==> flow/design.v <==
module ex_compare_mod #(
  parameter W = 8
) (
  input wire core_clk,
  input wire rst_ni,
  input wire [W-1:0] da,
  input wire [W-1:0] db,
  output reg a_lt_b,
  output reg a_eq_b
);
  reg [W-1:0] da_reg;
  reg [W-1:0] db_reg;
  always @(posedge core_clk) begin
    if (!rst_ni) begin
      da_reg <= 0;
      db_reg <= 0;
    end else begin
      da_reg <= da;
      db_reg <= db;
    end
  end
  wire [W:0] r;
  assign r = {1'b0, da_reg} - {1'b0, db_reg};
  always @(posedge core_clk) begin
    if (!rst_ni) begin
      a_lt_b <= 1'b0;
      a_eq_b <= 1'b0;
    end else begin
      a_lt_b <= r[W];
      a_eq_b <= ~|r[W-1:0];
    end
  end
endmodule
; ---- From RTL to reports: ex_compare_mod
; Module ex_compare_mod in several versions that differ in "W"; each step lists the members.
; The RTL above is that of W = 8; lines are counted from 1 in the file of the member named.
; The mark - stands for no value.
[inputs]
top_module = ex_compare_mod
clk_port = core_clk
lib = sky130hd
pvt_corner = tt_025C_1v80

; ---- Source of the members
; New or changed lines of each further member against the RTL above, in its own file; lines it lacks are not shown.
[changed_lines]
columns = W, line_no
row1 = 12, 2  ; parameter W = 12
row2 = 16, 2  ; parameter W = 16
row3 = 64, 2  ; parameter W = 64
row4 = 80, 2  ; parameter W = 80
row5 = 128, 2  ; parameter W = 128

; ---- Word-level counts
; Yosys after proc, flatten, opt, wreduce and memory -nomap, before mapping. Enables and synchronous resets that opt folds into registers are not counted as muxes. Memory bits, and registers merged into a memory's read port (data or address), are not among the register bits. Print and check cells are not counted. Equal cells are merged and count once.
[bits]
columns = W, reg_bits, output_inout_bits
row1 = 8, 18, 2
row2 = 12, 26, 2
row3 = 16, 34, 2
row4 = 64, 130, 2
row5 = 80, 162, 2
row6 = 128, 258, 2
[classes]
columns = W, add_sub_neg, n_reduce_logical
row1 = 8, 1, 2
row2 = 12, 1, 2
row3 = 16, 1, 2
row4 = 64, 1, 2
row5 = 80, 1, 2
row6 = 128, 1, 2
[op_table]
columns = W, op_list
row1 = 8, subtractor 8 x 8 -> 9 bit (1); OR reduction 8 bit (1); logical NOT 1 bit (1)
row2 = 12, subtractor 12 x 12 -> 13 bit (1); OR reduction 12 bit (1); logical NOT 1 bit (1)
row3 = 16, subtractor 16 x 16 -> 17 bit (1); OR reduction 16 bit (1); logical NOT 1 bit (1)
row4 = 64, subtractor 64 x 64 -> 65 bit (1); OR reduction 64 bit (1); logical NOT 1 bit (1)
row5 = 80, subtractor 80 x 80 -> 81 bit (1); OR reduction 80 bit (1); logical NOT 1 bit (1)
row6 = 128, subtractor 128 x 128 -> 129 bit (1); OR reduction 128 bit (1); logical NOT 1 bit (1)

; ---- Longest topological paths
; Depth = most cells in a row (Yosys ltp): at word level without a register or memory, in the mapped netlist without a sequential cell, where the memories' decode and read muxes count.
[logic_depth]
columns = W, depth_word, abc_area, depth_mapped
row1 = 8, 3, 0, 8
row2 = 12, 3, 0, 9
row3 = 16, 3, 0, 10
row4 = 64, 3, 0, 13
row5 = 80, 3, 0, 15
row6 = 128, 3, 0, 16

; ---- Netlist
; Yosys stat after the flow's synthesis: flattened, memories mapped to cells. It holds for the ABC_AREA given above (unset counts as 0); a run with the other value may have another netlist.
[types]
columns = W, cell_types
row1 = 8, sky130_fd_sc_hd__dfxtp_1 (18); sky130_fd_sc_hd__and2_1 (16); sky130_fd_sc_hd__ha_1 (8); sky130_fd_sc_hd__inv_1 (9); sky130_fd_sc_hd__xnor2_1 (3); sky130_fd_sc_hd__fa_1 (1); sky130_fd_sc_hd__o21ai_0 (4); sky130_fd_sc_hd__xor2_1 (2); sky130_fd_sc_hd__a21oi_1 (3); sky130_fd_sc_hd__nor4_2 (1); sky130_fd_sc_hd__a2111o_1 (1); sky130_fd_sc_hd__nor2_1 (3); sky130_fd_sc_hd__nor2_4 (1); sky130_fd_sc_hd__or4_4 (1); sky130_fd_sc_hd__nor3_1 (2); sky130_fd_sc_hd__a21oi_2 (1); sky130_fd_sc_hd__and3b_1 (1); sky130_fd_sc_hd__a211oi_1 (1); (+10)
row2 = 12, sky130_fd_sc_hd__dfxtp_1 (26); sky130_fd_sc_hd__and2_1 (24); sky130_fd_sc_hd__ha_1 (12); sky130_fd_sc_hd__inv_1 (16); sky130_fd_sc_hd__a21oi_1 (9); sky130_fd_sc_hd__a221oi_2 (2); sky130_fd_sc_hd__nor2_1 (8); sky130_fd_sc_hd__o21ai_0 (6); sky130_fd_sc_hd__nand2b_1 (4); sky130_fd_sc_hd__nor2b_1 (4); sky130_fd_sc_hd__nand2_1 (6); sky130_fd_sc_hd__fa_1 (1); sky130_fd_sc_hd__mux2i_1 (2); sky130_fd_sc_hd__a21oi_4 (1); sky130_fd_sc_hd__a2111oi_2 (1); sky130_fd_sc_hd__nand3_1 (3); sky130_fd_sc_hd__nor3_1 (3); sky130_fd_sc_hd__nor3b_1 (2); (+26)
row3 = 16, sky130_fd_sc_hd__dfxtp_1 (34); sky130_fd_sc_hd__and2_1 (32); sky130_fd_sc_hd__ha_1 (16); sky130_fd_sc_hd__inv_1 (23); sky130_fd_sc_hd__a31oi_1 (9); sky130_fd_sc_hd__xnor2_1 (6); sky130_fd_sc_hd__a21o_1 (4); sky130_fd_sc_hd__a21oi_1 (6); sky130_fd_sc_hd__o21ai_0 (6); sky130_fd_sc_hd__o2111ai_1 (3); sky130_fd_sc_hd__fa_1 (1); sky130_fd_sc_hd__nor2b_1 (3); sky130_fd_sc_hd__a21boi_0 (2); sky130_fd_sc_hd__nand2_1 (4); sky130_fd_sc_hd__nand3b_1 (2); sky130_fd_sc_hd__nor2_1 (4); sky130_fd_sc_hd__o21a_1 (2); sky130_fd_sc_hd__a211oi_2 (1); (+30)
row4 = 64, sky130_fd_sc_hd__dfxtp_1 (130); sky130_fd_sc_hd__and2_1 (134); sky130_fd_sc_hd__ha_1 (64); sky130_fd_sc_hd__a21oi_1 (70); sky130_fd_sc_hd__nand2_1 (82); sky130_fd_sc_hd__inv_1 (79); sky130_fd_sc_hd__nand4_1 (37); sky130_fd_sc_hd__nor2_1 (51); sky130_fd_sc_hd__a21o_1 (24); sky130_fd_sc_hd__xnor2_1 (18); sky130_fd_sc_hd__o21ai_0 (28); sky130_fd_sc_hd__o21a_1 (18); sky130_fd_sc_hd__clkbuf_1 (34); sky130_fd_sc_hd__buf_2 (22); sky130_fd_sc_hd__o21ai_1 (22); sky130_fd_sc_hd__nand3_1 (20); sky130_fd_sc_hd__nor3_1 (18); sky130_fd_sc_hd__xor2_1 (10); (+177)
row5 = 80, sky130_fd_sc_hd__dfxtp_1 (162); sky130_fd_sc_hd__and2_1 (163); sky130_fd_sc_hd__ha_1 (80); sky130_fd_sc_hd__a21oi_1 (109); sky130_fd_sc_hd__nand2_1 (104); sky130_fd_sc_hd__inv_1 (102); sky130_fd_sc_hd__nor2_1 (79); sky130_fd_sc_hd__nand4_1 (47); sky130_fd_sc_hd__o21ai_0 (49); sky130_fd_sc_hd__xor2_1 (24); sky130_fd_sc_hd__buf_6 (16); sky130_fd_sc_hd__a21o_1 (22); sky130_fd_sc_hd__o21a_1 (22); sky130_fd_sc_hd__xnor2_1 (18); sky130_fd_sc_hd__a21oi_2 (14); sky130_fd_sc_hd__nand3_1 (20); sky130_fd_sc_hd__nor3_1 (20); sky130_fd_sc_hd__clkbuf_1 (26); (+242)
row6 = 128, sky130_fd_sc_hd__dfxtp_1 (258); sky130_fd_sc_hd__and2_1 (266); sky130_fd_sc_hd__ha_1 (128); sky130_fd_sc_hd__a21oi_1 (221); sky130_fd_sc_hd__nand2_1 (201); sky130_fd_sc_hd__o21ai_0 (137); sky130_fd_sc_hd__inv_1 (170); sky130_fd_sc_hd__nand4_1 (95); sky130_fd_sc_hd__nor2_1 (135); sky130_fd_sc_hd__xnor2_1 (36); sky130_fd_sc_hd__xor2_1 (35); sky130_fd_sc_hd__clkbuf_1 (72); sky130_fd_sc_hd__nor3_1 (52); sky130_fd_sc_hd__nand3_1 (45); sky130_fd_sc_hd__o21bai_1 (26); sky130_fd_sc_hd__o21a_1 (25); sky130_fd_sc_hd__o21ai_1 (37); sky130_fd_sc_hd__a21o_1 (23); (+366)
; A list marked (+n) leaves out that many cells.
[synth_totals]
columns = W, mapped_cells, mapped_area_um2, ffs, buf_cells
row1 = 8, 86, 845.8, 18, 1
row2 = 12, 156, 1402.6, 26, 3
row3 = 16, 188, 1739.2, 34, 4
row4 = 64, 1038, 8389.3, 130, 59
row5 = 80, 1319, 10787.8, 162, 71
row6 = 128, 2328, 17730.8, 258, 115

; ---- Worst setup path after synthesis
; Source: OpenSTA report_checks on the synthesized netlist (no wires, ideal clock, input and output delay 20% of the period each), path of least setup slack; recovery checks are left aside. Register names are those of the netlist, which keeps one name where synthesis merged equal registers.
[synth_timing]
columns = W, path_kind, from, to, clock_period_ps, setup_slack_ps, stages, delay_ps, period_less_setup_slack_ps
row1 = 8, reg-to-reg, register db_reg[1], register a_eq_b, 2220, 442, 8, 1778, 1778
row2 = 12, reg-to-reg, register da_reg[0], register a_eq_b, 2550, 506, 10, 2043, 2044
row3 = 16, reg-to-reg, register da_reg[0], register a_eq_b, 3470, 692, 11, 2778, 2778
row4 = 64, reg-to-reg, register da_reg[0], register a_eq_b, 3850, 766, 14, 3084, 3084
row5 = 80, reg-to-reg, register da_reg[0], register a_eq_b, 4480, 893, 16, 3587, 3587
row6 = 128, reg-to-reg, register da_reg[0], register a_eq_b, 5390, 1081, 17, 4309, 4309
; "delay_ps" = arrival - input delay + setup time.
; "stages" counts driving pins, that of a launching flip-flop among them; a cell with two outputs on the path counts twice.
; "period_less_setup_slack_ps" = period - worst setup slack (recovery checks aside). The figure is calculated, with input and output delays left at 20% of the set period.
; The rows between start and end are the longest chain of elaborated cells between them; the timing report does not say that the signal goes this way. Where chains are equally long, one stands for them.
; Each line given opens the expression or statement behind the cell; cells for indexed reads and writes are added by Yosys, which also makes memories of some case tables.
[synth_between_W_8]
elab_chain_len = 3
[synth_lines_W_8]
columns = element, line_no
row1 = start: declaration, 12  ; reg [W-1:0] db_reg;
row2 = start: assignment, 16  ; db_reg <= 0;
row3 = start: assignment, 19  ; db_reg <= db;
row4 = subtractor 8 x 8 -> 9 bit, 23  ; assign r = {1'b0, da_reg} - {1'b0, db_reg};
row5 = OR reduction 8 bit, 30  ; a_eq_b <= ~|r[W-1:0];
row6 = logical NOT 1 bit, 30
row7 = end: assignment, 27  ; a_eq_b <= 1'b0;
row8 = end: assignment, 30
row9 = end: declaration, 9  ; output reg a_eq_b
[synth_between_W_128]
elab_chain_len = 3
[synth_lines_W_128]
columns = element, line_no
row1 = start: declaration, 11  ; reg [W-1:0] da_reg;
row2 = start: assignment, 15  ; da_reg <= 0;
row3 = start: assignment, 18  ; da_reg <= da;
row4 = subtractor 128 x 128 -> 129 bit, 23  ; assign r = {1'b0, da_reg} - {1'b0, db_reg};
row5 = OR reduction 128 bit, 30  ; a_eq_b <= ~|r[W-1:0];
row6 = logical NOT 1 bit, 30
row7 = end: assignment, 27  ; a_eq_b <= 1'b0;
row8 = end: assignment, 30
row9 = end: declaration, 9  ; output reg a_eq_b

; ---- Timing after layout
; Path of least setup slack in the final report of the run of each member (OpenROAD, finished layout, wires in). Where an end is a register, its clock arrival counts in the times.
; The path's times are printed in steps of 10 ps; the period is the one set.
[layout_timing]
columns = W, path_kind, from, to, clock_period_ps, setup_slack_ps, stages, arrival_ps, n_path_buf
row1 = 8, reg-to-reg, register db_reg[1], register a_eq_b, 2220, 320, 8, 2110, 0
row2 = 12, reg-to-reg, register da_reg[0], register a_eq_b, 2550, 370, 10, 2400, 0
row3 = 16, reg-to-reg, register da_reg[0], register a_eq_b, 3470, 500, 11, 3160, 0
row4 = 64, reg-to-reg, register db_reg[4], register a_eq_b, 3850, 240, 13, 3960, 0
row5 = 80, reg-to-reg, register db_reg[17], register a_eq_b, 4480, 240, 15, 4590, 0
row6 = 128, reg-to-reg, register db_reg[19], register a_eq_b, 5390, 220, 16, 5630, 1

; ---- Flow runs
; One run of the flow (Yosys, OpenROAD) for each member, with settings and measured results. Input and output delays are each 20% of the period that was set; the output load is 0.01 pF.
[flow_settings]
CAP_MARGIN = 20
CORE_MARGIN = 2
CORE_UTILIZATION = 40
SLEW_MARGIN = 20
[settings_by_member]
columns = W, period_ns
row1 = 8, 2.22
row2 = 12, 2.55
row3 = 16, 3.47
row4 = 64, 3.85
row5 = 80, 4.48
row6 = 128, 5.39
[measured]
columns = W, synthArea_um2, die_footprint_um2, stdcell_area_um2, finalUtil_frac, ws_setup_ps, fin_tns_ps, ws_hold_ps, power_total_w, period_reached_ps
row1 = 8, 845.8, 2498.5, 1109.8, 0.56, 324, 0, 661, 0.000696, 1896
row2 = 12, 1402.6, 3996.1, 1761.7, 0.524, 371, 0, 626, 0.0008747, 2179
row3 = 16, 1739.2, 4891.6, 2228.4, 0.545, 498, 0, 668, 0.0009269, 2972
row4 = 64, 8389.3, 22147.4, 10471.3, 0.513, 239, 0, 616, 0.004344, 3611
row5 = 80, 10787.8, 28299.7, 13108.8, 0.49, 243, 0, 625, 0.004485, 4237
row6 = 128, 17730.8, 46027.4, 21966.1, 0.499, 219, 0, 582, 0.006147, 5171
; By "period_reached_ps" is meant the clock period of the run minus its worst setup slack. This is arithmetic on one report: input and output delays are still those of the set period (20% each).
; "power_total_w" rests on the timing tool's default activity at the inputs, not on a simulated workload.
